==> flow/design.v <==
module u_arith_add_stage (aclk, valid, bus, init, q);
  parameter integer DATA_W = 6;
  parameter integer EXT = 4;
  input aclk;
  input valid;
  input [DATA_W-1:0] bus;
  input init;
  output [DATA_W+EXT-1:0] q;
  reg [DATA_W-1:0] bus_q;
  reg init_q;
  reg [DATA_W+EXT-1:0] state;
  assign q = state;
  always @(posedge aclk) begin
    if (valid) begin
      bus_q <= bus;
      init_q <= init;
      state <= init_q ? bus_q : state + bus_q;
    end
  end
endmodule
; From RTL to reports: u_arith_add_stage
; A sweep over "DATA_W": the same steps for each member of the family.
; The RTL above is that of DATA_W 6; lines are counted from 1 in the file of the member named.
; Library cell names are shortened.
; Not given: -
[design]
top_module = u_arith_add_stage
clk_port = aclk
library = sky130hd
corner = tt_025C_1v80

; Source of the members
; Lines of each other member's file that are new or changed against the file above; lines that a member lacks are not shown.
[changed_lines]
columns = DATA_W, line_no
row1 = 28, 2  ; parameter integer DATA_W = 28;
row2 = 96, 2  ; parameter integer DATA_W = 96;
row3 = 112, 2  ; parameter integer DATA_W = 112;

; Word-level counts
; Counts by Yosys on the flattened word-level netlist (proc, flatten, opt, wreduce; memories kept). Register bits leave out memories and registers merged into their read ports (data or address); mux counts leave out enables and synchronous resets folded into registers. Print and check cells are left out. Cells with the same type and inputs are merged into one.
[word_totals]
columns = DATA_W, inputBits, wordCells, reg_bits
row1 = 6, 9, 6, 17
row2 = 28, 31, 6, 61
row3 = 96, 99, 6, 197
row4 = 112, 115, 6, 229
[op_classes]
columns = DATA_W, mux, add_sub_neg
row1 = 6, 1, 1
row2 = 28, 1, 1
row3 = 96, 1, 1
row4 = 112, 1, 1
[ops]
columns = DATA_W, op_list
row1 = 6, adder 10 x 6 -> 10 bit: 1; two-way mux 6 bit: 1
row2 = 28, adder 32 x 28 -> 32 bit: 1; two-way mux 28 bit: 1
row3 = 96, adder 100 x 96 -> 100 bit: 1; two-way mux 96 bit: 1
row4 = 112, adder 116 x 112 -> 116 bit: 1; two-way mux 112 bit: 1

; Logic depth
; Longest topological path by Yosys (ltp), each cell counted once; first at word level (registers and memories cut), then after technology mapping (sequential cells cut; the memories' decode and read muxes count).
[logic_depth]
columns = DATA_W, depth_word, abc_area, mapped_depth, mapped_depth_nobuf
row1 = 6, 2, 0, 8, 8
row2 = 28, 2, 0, 10, 10
row3 = 96, 2, 0, 13, 13
row4 = 112, 2, 0, 16, 16

; After synthesis
; The flow's flattened synthesis, as Yosys stat reports it; memories are mapped. The netlist is that of the ABC_AREA named above (0 if unset); the other value can give another one.
; The area totals of this step are shown rounded.
[by_type]
columns = DATA_W, type_list
row1 = 6, edfxtp_1: 17; ha_1: 6; xor2_1: 6; o21ai_0: 6; nor2_1: 7; o21a_1: 3; fa_1: 1; a211oi_1: 2; a21o_1: 2; nand2_1: 4; nor3_1: 3; nor2b_4: 1; o31ai_2: 1; inv_1: 3; mux2_2: 1; a21oi_1: 2; mux2i_1: 1; nand3_1: 2; [+5]
row2 = 28, edfxtp_1: 61; ha_1: 28; nand2_1: 47; o21ai_0: 29; a21oi_1: 23; xor2_1: 13; xnor2_1: 12; a21o_1: 11; nor2_1: 16; nor2b_1: 9; buf_6: 3; mux2_2: 3; nor3_1: 6; a2111oi_4: 1; a21oi_2: 3; and3_1: 4; o211ai_2: 2; o21ai_1: 5; [+50]
row3 = 96, edfxtp_1: 197; ha_1: 96; o21ai_0: 156; a21oi_1: 142; nand2_1: 176; xnor2_1: 55; a21o_1: 51; nor2_1: 77; nand4_1: 46; xor2_1: 30; o21bai_1: 32; clkbuf_1: 61; inv_1: 36; nor3_1: 24; nand3_1: 19; a31oi_1: 14; or3_1: 13; a21boi_0: 10; [+140]
row4 = 112, edfxtp_1: 229; ha_1: 112; o21ai_0: 183; nand2_1: 217; a21oi_1: 153; xnor2_1: 62; a21o_1: 72; xor2_1: 49; nor2_1: 88; nand4_1: 50; clkbuf_1: 62; o21bai_1: 26; inv_1: 29; nor3_1: 21; nor2b_1: 16; nand2b_1: 15; a31oi_1: 13; nand3_1: 16; [+135]
; A list marked [+n] leaves out that many cells.
[mapped]
columns = DATA_W, seq_area_um2, area_um2, flip_flops, stdcells
row1 = 6, 510, 912, 17, 73
row2 = 28, 1830, 3680, 61, 326
row3 = 96, 5920, 13200, 197, 1375
row4 = 112, 6880, 15100, 229, 1548

; Timing after synthesis
; Source: OpenSTA report_checks on the synthesized netlist (no wires, ideal clock, input and output delay 20% of the period each), path of least setup slack; recovery checks are left aside. Register names are those of the netlist, which keeps one name where synthesis merged equal registers.
[synth_path]
columns = DATA_W, kind, startpoint, endpoint, path_delay_ns, period_ns, stages, setup_slack_ns, synth_period_reached_ns
row1 = 6, register to register, reg state[0], reg state[6], 1.944, 2.43, 9, 0.486, 1.944
row2 = 28, register to register, reg state[0], reg state[28], 2.684, 3.36, 11, 0.677, 2.683
row3 = 96, register to register, reg state[33], reg state[98], 3.375, 4.22, 13, 0.844, 3.376
row4 = 112, register to register, reg state[0], reg state[102], 3.832, 4.79, 17, 0.959, 3.831
; "path_delay_ns" = arrival - input delay + setup time.
; "stages" counts driving pins, that of a launching flip-flop among them; a cell with two outputs on the path counts twice.
; "synth_period_reached_ns" = period - worst setup slack (recovery checks aside). The figure is calculated, with input and output delays left at 20% of the set period.
; Between the ends stands the longest chain of elaborated cells between them, by number of cells; it is not shown to be the way that was timed. Of several equally long chains one is given.
; A line is the first line of the expression or statement that the cell stems from. Yosys adds cells for indexed reads and writes and turns some case tables into memories.
[synth_between_DATA_W_6]
elab_chain_len = 1
[synth_rtl_DATA_W_6]
columns = item, line_no
row1 = start: declaration, 11  ; reg [DATA_W+EXT-1:0] state;
row2 = start: assignment, 17  ; state <= init_q ? bus_q : state + bus_q;
row3 = adder 10 x 6 -> 10 bit, 17
row4 = end: assignment, 17
row5 = end: declaration, 11
[synth_between_DATA_W_112]
elab_chain_len = 2
[synth_rtl_DATA_W_112]
columns = item, line_no
row1 = start: declaration, 11  ; reg [DATA_W+EXT-1:0] state;
row2 = start: assignment, 17  ; state <= init_q ? bus_q : state + bus_q;
row3 = adder 116 x 112 -> 116 bit, 17
row4 = two-way mux 112 bit, 17
row5 = end: assignment, 17
row6 = end: declaration, 11

; Path in the finished layout
; Path of least setup slack in the final report of each member's run (OpenROAD, finished layout, wires in). Where an end is a register, its clock arrival counts in the times.
[layout_path]
columns = DATA_W, kind, startpoint, endpoint, period_ns, arrival_ns, setup_slack_ns, n_path_buf, stages
row1 = 6, register to register, reg state[0], reg state[6], 2.43, 2.03, 0.43, 0, 9
row2 = 28, register to register, reg state[0], reg state[26], 3.36, 2.95, 0.50, 0, 11
row3 = 96, register to register, reg state[13], reg state[98], 4.22, 4.27, 0.15, 0, 13
row4 = 112, register to register, reg state[0], reg state[102], 4.79, 4.71, 0.39, 0, 17

; Layout results
; One run of the flow (Yosys, OpenROAD) for each member, with settings and measured results. Input and output delays are each 20% of the period that was set; the output load is 0.01 pF.
[flow_settings]
CAP_MARGIN = 20
CORE_MARGIN = 2
CORE_UTILIZATION = 40
SLEW_MARGIN = 20
[settings_by_member]
columns = DATA_W, period_ns
row1 = 6, 2.43
row2 = 28, 3.36
row3 = 96, 4.22
row4 = 112, 4.79
[results]
columns = DATA_W, fin_hold_ws_ns, finish.stdcell_area_um2, worstSetupSlack_ns, synthesis_area_um2, final_die_area_um2, totalPower_uw, fin_tns_ns, achieved_clock_period_ns, post_route_util_pct
row1 = 6, 0.568, 1160, 0.429, 912, 2680, 772, 0.000, 2.001, 52.8
row2 = 28, 0.565, 4610, 0.503, 3680, 9980, 2710, 0.000, 2.857, 52.4
row3 = 96, 0.566, 16000, 0.150, 13200, 34400, 7350, 0.000, 4.070, 49.4
row4 = 112, 0.549, 18700, 0.390, 15100, 39300, 8050, 0.000, 4.400, 50.0
; "achieved_clock_period_ns": clock period set for the run, less the worst setup slack. It is reckoned from that one timing run; input and output delays stay at 20% of the period that was set.
; "totalPower_uw" rests on the timing tool's default activity at the inputs, not on a simulated workload.
; Results are given in rounded form.
